==> flow/design.v <==
module mplex_stage (clk, resetn, d0_in, d1_in, d2_in, d3_in, d4_in, d5_in, d6_in, d7_in, d8_in, d9_in, d10_in, d11_in, choose_in, o_out);
  parameter DATA_W = 10;
  input clk;
  input resetn;
  input [DATA_W-1:0] d0_in;
  input [DATA_W-1:0] d1_in;
  input [DATA_W-1:0] d2_in;
  input [DATA_W-1:0] d3_in;
  input [DATA_W-1:0] d4_in;
  input [DATA_W-1:0] d5_in;
  input [DATA_W-1:0] d6_in;
  input [DATA_W-1:0] d7_in;
  input [DATA_W-1:0] d8_in;
  input [DATA_W-1:0] d9_in;
  input [DATA_W-1:0] d10_in;
  input [DATA_W-1:0] d11_in;
  input [3:0] choose_in;
  output [DATA_W-1:0] o_out;
  reg [DATA_W-1:0] d0_q;
  reg [DATA_W-1:0] d1_q;
  reg [DATA_W-1:0] d2_q;
  reg [DATA_W-1:0] d3_q;
  reg [DATA_W-1:0] d4_q;
  reg [DATA_W-1:0] d5_q;
  reg [DATA_W-1:0] d6_q;
  reg [DATA_W-1:0] d7_q;
  reg [DATA_W-1:0] d8_q;
  reg [DATA_W-1:0] d9_q;
  reg [DATA_W-1:0] d10_q;
  reg [DATA_W-1:0] d11_q;
  reg [3:0] choose_q;
  reg [DATA_W-1:0] work;
  always @* begin
    case (choose_q)
      0: work = d0_q;
      1: work = d1_q;
      2: work = d2_q;
      3: work = d3_q;
      4: work = d4_q;
      5: work = d5_q;
      6: work = d6_q;
      7: work = d7_q;
      8: work = d8_q;
      9: work = d9_q;
      10: work = d10_q;
      default: work = d11_q;
    endcase
  end
  assign o_out = work;
  always @(posedge clk) begin
    if (~resetn) begin
      d0_q <= 0;
      d1_q <= 0;
      d2_q <= 0;
      d3_q <= 0;
      d4_q <= 0;
      d5_q <= 0;
      d6_q <= 0;
      d7_q <= 0;
      d8_q <= 0;
      d9_q <= 0;
      d10_q <= 0;
      d11_q <= 0;
      choose_q <= 0;
    end else begin
      d0_q <= d0_in;
      d1_q <= d1_in;
      d2_q <= d2_in;
      d3_q <= d3_in;
      d4_q <= d4_in;
      d5_q <= d5_in;
      d6_q <= d6_in;
      d7_q <= d7_in;
      d8_q <= d8_in;
      d9_q <= d9_in;
      d10_q <= d10_in;
      d11_q <= d11_in;
      choose_q <= choose_in;
    end
  end
endmodule
## Tool chain data of mplex_stage

What the tools print for mplex_stage, step after step.
Lines are those of the file above, counted from 1.
Cell names lack the library's common part.
The mark n/a stands for no value.

| inputs | value |
|---|---|
| design top | mplex_stage |
| clock input | clk |
| library | sky130hd |
| library corner | tt_025C_1v80 |

## Word level

Yosys after proc, flatten, opt, wreduce and memory -nomap, before mapping. Enables and synchronous resets that opt folds into registers are not counted as muxes. Memory bits, and registers merged into a memory's read port (data or address), are not among the register bits. Print and check cells are not counted. Equal cells are merged and count once.

| bit counts | value |
|---|---|
| register bits | 124 |
| input bits | 126 |
| output and inout port bits | 10 |
| elaborated cells | 25 |

| operators by class | value |
|---|---|
| equal/unequal tests | 10 |
| reductions and logical operators | 1 |
| multiplexer cells | 1 |

Operator list:

| operator | count |
|---|---|
| 10-bit case mux with 11-bit select | 1 |
| 4-bit by 3-bit equality test with 1-bit output (second input constant) | 4 |
| 4-bit equality test (second input constant) | 3 |
| 4-bit by 2-bit equality test with 1-bit output (second input constant) | 2 |
| 4-bit by 1-bit equality test with 1-bit output (second input constant) | 1 |
| 4-bit zero test | 1 |

## Depth

Depth = most cells in a row (Yosys ltp): at word level without a register or memory, in the mapped netlist without a sequential cell, where the memories' decode and read muxes count.

| depth | value |
|---|---|
| depth after elaboration | 2 |
| ABC_AREA | 0 |
| gate-level depth with buffers | 7 |
| mapped depth without buffers | 4 |

## Mapped cells and area

Source: synth_stat.txt of the flow (Yosys; design flattened, memories mapped). It holds for the ABC_AREA given above (unset counts as 0); a run with the other value may have another netlist.
Totals and module areas in this step are rounded.

| synthesis totals | value |
|---|---|
| mapped flip-flops | 124 |
| cells in the netlist | 440 |
| chip area (Yosys) | 4,640 um^2 |
| sequential area | 2,480 um^2 |

Cell types:

| cell | count | total area (um^2) |
|---|---|---|
| dfxtp_1 | 124 | 2.48E+03 |
| and2_1 | 127 | 794.512 |
| mux2i_1 | 15 | 150.144 |
| a31oi_1 | 11 | 68.816 |
| a22oi_1 | 9 | 67.565 |
| mux2_2 | 6 | 67.565 |
| o32a_1 | 6 | 60.058 |
| clkbuf_1 | 13 | 48.797 |
| nor2_1 | 13 | 48.797 |
| buf_2 | 9 | 45.043 |
| buf_4 | 6 | 45.043 |
| buf_6 | 4 | 45.043 |
| nand3b_1 | 6 | 45.043 |
| nor2b_1 | 6 | 37.536 |
| a22o_1 | 4 | 35.034 |
| a21oi_1 | 6 | 30.029 |
| and2b_1 | 4 | 30.029 |
| nand2_1 | 8 | 30.029 |

Other cell types: 32; their cells: 63.

## Worst setup path after synthesis

Source: OpenSTA report_checks on the synthesized netlist (no wires, ideal clock, input and output delay 20% of the period each), path of least setup slack; recovery checks are left aside. Register names are those of the netlist, which keeps one name where synthesis merged equal registers.

| path post-synthesis | value |
|---|---|
| path type | register to output |
| start point | register (name not given) |
| end point | output o_out[8] |
| arrival time | 1.437 ns |
| path delay | 1.437 ns |
| external output delay | 0.450 ns |
| setup slack | 0.363 ns |
| stages on the path | 7 |
| data required time | 1.800 ns |
| buffers on the path | 2 |
| period | 2.25 ns |
| synthesis period reached | 1.887 ns |

"path delay" = arrival - input delay + setup time.
At an output port there is no setup time.
"stages on the path": output pins that drive a net of the path, with the launching flip-flop's if there is one; two outputs of one cell count as two.
"synthesis period reached" is the clock period less the worst setup slack; recovery checks do not enter. This is arithmetic on one report: input and output delays are still those of the set period (20% each).
Between the ends stands the longest chain of elaborated cells between them, by number of cells; it is not shown to be the way that was timed. Of several equally long chains one is given.
Each line given opens the expression or statement behind the cell; cells for indexed reads and writes are added by Yosys, which also makes memories of some case tables.

| on the way, post-synthesis | value |
|---|---|
| path through | dfxtp_1 > buf_4 > buf_6 > or3b_1 > o22ai_1 > a211oi_1 > a31oi_1 |
| cells in the longest elaborated chain | 2 |
| elaborated cells between the ends (all ways) | 12 |
| source lines of those cells | 1 |
| classes of those cells | eq/ne: 10; mux: 1; reduce/logical: 1 |

RTL lines, path post-synthesis:

| what | RTL line | text |
|---|---|---|
| start: declaration | 31 |  |
| start: assignment | 64 |  |
| start: assignment | 78 |  |
| 4-bit equality test | 34 |  |
| 10-bit case mux with 11-bit select | 34 |  |
| end: declaration | 18 | `output [DATA_W-1:0] o_out;` |

## Worst path after layout

Path of least setup slack in the final report of stored run 2 (OpenROAD, finished layout, wires in). Where an end is a register, its clock arrival counts in the times.

| path post-layout | value |
|---|---|
| path type | register to output |
| start point | register (name not given) |
| end point | output o_out[7] |
| period | 2.25 ns |
| external output delay | 0.45 ns |
| arrival time | 1.99 ns |
| buffers on the path | 3 |
| stages on the path | 8 |
| setup slack | -0.19 ns |
| data required time | 1.80 ns |

Between the ends stands the longest chain of elaborated cells between them, by number of cells; it is not shown to be the way that was timed. Of several equally long chains one is given.

| on the way, post-layout | value |
|---|---|
| path through | dfxtp_4 > buf_6 > buf_12 > or3b_4 > o32ai_4 > a221oi_2 > a31oi_1 > buf_2 |
| cells in the longest elaborated chain | 2 |
| elaborated cells between the ends (all ways) | 12 |
| source lines of those cells | 1 |
| classes of those cells | eq/ne: 10; mux: 1; reduce/logical: 1 |

RTL lines, path post-layout:

| what | RTL line | text |
|---|---|---|
| start: declaration | 31 |  |
| start: assignment | 64 |  |
| start: assignment | 78 |  |
| 4-bit equality test | 34 |  |
| 10-bit case mux with 11-bit select | 34 |  |
| end: declaration | 18 | `output [DATA_W-1:0] o_out;` |

## Implementation results

Top module mplex_stage; platform sky130hd; tools Yosys and OpenROAD; 3 stored runs in no particular order. Input and output delays are each 20% of the period that was set; the output load is 0.01 pF.
"reached clock period" = clock period - worst setup slack. The figure is calculated, with input and output delays left at 20% of the set period.
"worst setup path time": the worst setup path's part of the clock period (all of it between registers, 20% less for each end at a port) less its slack. A launch clock that arrives late makes it longer, a capture clock that arrives late makes it shorter.
"total power of the final layout": no workload was simulated; the value follows from the tool's default switching activity.
The measured numbers are rounded.
A setting shown as -- is not set for that run.
A result given as -- is not shown for that run.

| run name | period_ns | CORE_UTILIZATION | SETUP_SLACK_MARGIN | PLACE_DENSITY_LB_ADDON | HOLD_SLACK_MARGIN | CELL_PAD_IN_SITES_GLOBAL_PLACEMENT | CELL_PAD_IN_SITES_DETAIL_PLACEMENT | GPL_TIMING_DRIVEN | CTS_CLUSTER_SIZE | MIN_ROUTING_LAYER | CAP_MARGIN | CORE_MARGIN | SLEW_MARGIN | PLACE_DENSITY | TNS_END_PERCENT | CTS_CLUSTER_DIAMETER | MAX_ROUTING_LAYER | synthesis area (um^2) | standard-cell area after layout (um^2) | final worst hold slack (ns) | worst setup path time (ns) | worst setup path type | setup TNS (ns) | smallest setup slack (ns) | total power of the final layout (uW) | utilization after layout (%) | die outline area (um^2) | reached clock period (ns) |
|---|---|---|---|---|---|---|---|---|---|---|---|---|---|---|---|---|---|---|---|---|---|---|---|---|---|---|---|---|
| stored run 1 | 3.09 | 60 | 0.75 | 0.19 | 0.01 | 3 | 0 | 1 | 48 | met1 | 20 | 2 | 20 | -- | -- | -- | -- | -- | -- | -- | -- | -- | -- | -- | -- | -- | -- | -- |
| stored run 2 | 2.25 | 40 | -- | -- | -- | -- | -- | -- | -- | -- | 20 | 2 | 20 | -- | -- | -- | -- | 4,640 | 7,530 | 0.553 | 1.99 | register to output | -1.66 | -0.193 | 6,020 | 66.2 | 12,500 | 2.443 |
| stored run 3 | 3.21 | 27 | 0.46 | -- | -- | -- | -- | -- | 87 | -- | 20 | 2 | 20 | 0.91 | 70 | 379 | met5 | 4,640 | 7,080 | 0.801 | 2.15 | register to output | 0.000 | 0.417 | 3,980 | 42.4 | 18,200 | 2.793 |

Stored run 1: incomplete, placement halted on FLW-0024
